==> flow/design.v <==
module gen_data_mux_v2 #(
   parameter WIDTH = 1,
   parameter N_IN = 12,
   parameter SBITS = $clog2(N_IN)
) (
   input  i_clk,
   input  resetn,
   input  [N_IN*WIDTH-1:0] ch,
   input  [SBITS-1:0] sel,
   output [WIDTH-1:0] y
);
   reg [N_IN*WIDTH-1:0] ch_q;
   reg [SBITS-1:0] sel_q;
   always @(posedge i_clk or negedge resetn) begin
      if (~resetn) begin
         ch_q <= 0;
         sel_q <= 0;
      end else begin
         ch_q <= ch;
         sel_q <= sel;
      end
   end
   reg [WIDTH-1:0] nxt;
   integer i;
   always @* begin
      nxt = 0;
      for (i = 0; i < N_IN; i = i + 1)
         if (sel_q == i) nxt = ch_q[i*WIDTH +: WIDTH];
   end
   assign y = nxt;
endmodule
Tool chain data of gen_data_mux_v2

Tool output for the design above, in the order of the flow.
Lines are those of the file above, counted from 1.
Cell names lack the library's common part.
The mark - stands for no value.

Top module: gen_data_mux_v2
Clock input: i_clk
Library: sky130hd
Library corner: tt_025C_1v80

Word level

Counts by Yosys on the flattened word-level netlist (proc, flatten, opt, wreduce; memories kept). Register bits leave out memories and registers merged into their read ports (data or address); mux counts leave out enables and synchronous resets folded into registers. Print and check cells are left out. Cells with the same type and inputs are merged into one.

Bits in registers: 16
Input port bits: 18
Output and inout port bits: 1
Elaborated cells: 26

Equal/unequal tests: 11
Multiplexer cells: 12
Reductions and logical operators: 1

Operators by type and width:

| cell                                                                   | count |
| 4-bit by 3-bit equality test with 1-bit output (second input constant) | 4 |
| 4-bit equality test (second input constant)                            | 4 |
| 1-bit two-way mux                                                      | 12 |
| 4-bit by 2-bit equality test with 1-bit output (second input constant) | 2 |
| 4-bit by 1-bit equality test with 1-bit output (second input constant) | 1 |
| 4-bit logical NOT                                                      | 1 |

Longest topological paths

Longest topological path by Yosys (ltp), each cell counted once; first at word level (registers and memories cut), then after technology mapping (sequential cells cut; the memories' decode and read muxes count).

Word-level depth: 13
ABC_AREA: 0
Gate-level depth with buffers: 4
Gate-level depth less buffers: 3

Netlist

Yosys stat after the flow's synthesis: flattened, memories mapped to cells. It holds for the ABC_AREA given above (unset counts as 0); a run with the other value may have another netlist.

Mapped cells: 31
Mapped area: 535.5 sq um
Sequential area: 400.4 sq um
Flip-flops: 16
Buffer cells: 1

Cells by type:

| cell     | count | total area (sq um) |
| dfrtp_1  | 16    | 400.384 |
| mux2i_1  | 6     | 60.058 |
| a32o_1   | 2     | 20.019 |
| a311oi_2 | 1     | 15.014 |
| or3_1    | 2     | 12.512 |
| buf_6    | 1     | 11.261 |
| nor3b_1  | 1     | 7.507 |
| nor3_1   | 1     | 5.005 |
| inv_1    | 1     | 3.754 |

Path before layout

OpenSTA on the mapped netlist: ideal clock, no wires. The path of least setup slack (recovery checks aside). Input and output delay are each 20% of the period. Register names are those of the netlist, which keeps one name where synthesis merged equal registers.

Path kind: reg2out
Start: register sel_q[0]
End: output port y[0]
Period: 1.93 ns
Output delay: 0.386 ns
Time at the first pin: 0.000 ns
Arrival: 1.237 ns
Required time: 1.544 ns
Path slack: 0.307 ns
Path delay: 1.237 ns
Stages on the path: 5
Buffers on the path: 1
Synthesis period reached: 1.623 ns

"path delay" = arrival - input delay + setup time.
A path that ends at an output port has no setup time.
"stages on the path": output pins that drive a net of the path, with the launching flip-flop's if there is one; two outputs of one cell count as two.
"synthesis period reached" = period - worst setup slack (recovery checks aside). The figure is calculated, with input and output delays left at 20% of the set period.
The rows between start and end are the longest chain of elaborated cells between them; the timing report does not say that the signal goes this way. Where chains are equally long, one stands for them.
A line is the first line of the expression or statement that the cell stems from. Yosys adds cells for indexed reads and writes and turns some case tables into memories.

Cell sequence: dfrtp_1 buf_6 mux2i_1 or3_1 a311oi_2
Length of the longest elaborated chain: 13
Elaborated cells between the ends (all ways): 24
Source lines of those cells: 1
Those cells by class: 11 x eq/ne; 12 x mux; 1 x reduce/logical

RTL lines, path post-synthesis:

| element               | line | text |
| start: declaration    | 13   | `reg [SBITS-1:0] sel_q;` |
| start: assignment     | 17   | `sel_q <= 0;` |
| start: assignment     | 20   | `sel_q <= sel;` |
| 4-bit logical NOT     | 28   | `if (sel_q == i) nxt = ch_q[i*WIDTH +: WIDTH];` |
| 1-bit two-way mux x12 | 28   |  |
| end: declaration      | 10   | `output [WIDTH-1:0] y` |

Timing after layout

From the final timing report of job 1: the path of least setup slack in the routed layout; clock arrival at registers is part of the times.

Path kind: reg2out
Start: register sel_q[0]
End: output port y[0]
Period: 2.77 ns
Output delay: 0.55 ns
Time at the first pin: 0.27 ns
Arrival: 1.75 ns
Required time: 2.22 ns
Path slack: 0.47 ns
Stages on the path: 5
Buffers on the path: 1

The rows between start and end are the longest chain of elaborated cells between them; the timing report does not say that the signal goes this way. Where chains are equally long, one stands for them.

Cell sequence: dfrtp_2 mux2i_1 or3_1 a311oi_2 dlygate4sd2_1
Length of the longest elaborated chain: 13
Elaborated cells between the ends (all ways): 24
Source lines of those cells: 1
Those cells by class: 11 x eq/ne; 12 x mux; 1 x reduce/logical

RTL lines, path post-layout:

| element               | line | text |
| start: declaration    | 13   | `reg [SBITS-1:0] sel_q;` |
| start: assignment     | 17   | `sel_q <= 0;` |
| start: assignment     | 20   | `sel_q <= sel;` |
| 4-bit logical NOT     | 28   | `if (sel_q == i) nxt = ch_q[i*WIDTH +: WIDTH];` |
| 1-bit two-way mux x12 | 28   |  |
| end: declaration      | 10   | `output [WIDTH-1:0] y` |

Below are 3 stored runs of the flow (Yosys, OpenROAD; platform sky130hd) on gen_data_mux_v2, each with its settings and what was measured, unordered. Constraints: input delay and output delay 20% of the set period each, output load 0.01 pF.
By "period achieved" is meant the clock period of the run minus its worst setup slack. This is arithmetic on one report: input and output delays are still those of the set period (20% each).
"critical path time": the worst setup path's part of the clock period (all of it between registers, 20% less for each end at a port) less its slack. A launch clock that arrives late makes it longer, a capture clock that arrives late makes it shorter.
"power consumption" is the tool's figure for a default switching activity; nothing was simulated.
Among the settings, n/a means not set for that run.

| setting or result                              | job 1   | job 2   | job 3   |
| period_ns                                      | 2.77    | 1.93    | 1.42    |
| CORE_UTILIZATION                               | 31      | 40      | 24      |
| SETUP_SLACK_MARGIN                             | 0.3     | n/a     | n/a     |
| PLACE_DENSITY                                  | 0.41    | n/a     | n/a     |
| CELL_PAD_IN_SITES_DETAIL_PLACEMENT             | 0       | n/a     | 0       |
| TNS_END_PERCENT                                | 10      | n/a     | n/a     |
| GPL_ROUTABILITY_DRIVEN                         | 0       | n/a     | n/a     |
| CTS_CLUSTER_SIZE                               | 59      | n/a     | n/a     |
| MIN_ROUTING_LAYER                              | met1    | n/a     | met2    |
| MAX_ROUTING_LAYER                              | met5    | n/a     | n/a     |
| CAP_MARGIN                                     | 20      | 20      | 20      |
| CORE_MARGIN                                    | 2       | 2       | 2       |
| SLEW_MARGIN                                    | 20      | 20      | 20      |
| PLACE_DENSITY_LB_ADDON                         | n/a     | n/a     | 0.16    |
| CELL_PAD_IN_SITES_GLOBAL_PLACEMENT             | n/a     | n/a     | 1       |
| period achieved (ns)                           | 2.304   | 2.003   | 1.894   |
| power consumption (µW)                         | 408.5   | 587.6   | 883.2   |
| utilization of the finished layout (%)         | 44.8    | 60.8    | 37.7    |
| critical path time (ns)                        | 1.75    | 1.62    | 1.61    |
| worst setup path type                          | reg2out | reg2out | reg2out |
| area inside the die boundary (sq um)           | 2075.7  | 1647.5  | 2625.0  |
| worst setup slack after layout (ns)            | 0.466   | -0.073  | -0.474  |
| area of the synthesized netlist (sq um)        | 535.5   | 535.5   | 535.5   |
| post-route setup TNS (ns)                      | 0.000   | -0.073  | -0.474  |
| standard-cell area of the final layout (sq um) | 748.2   | 772.0   | 817.0   |
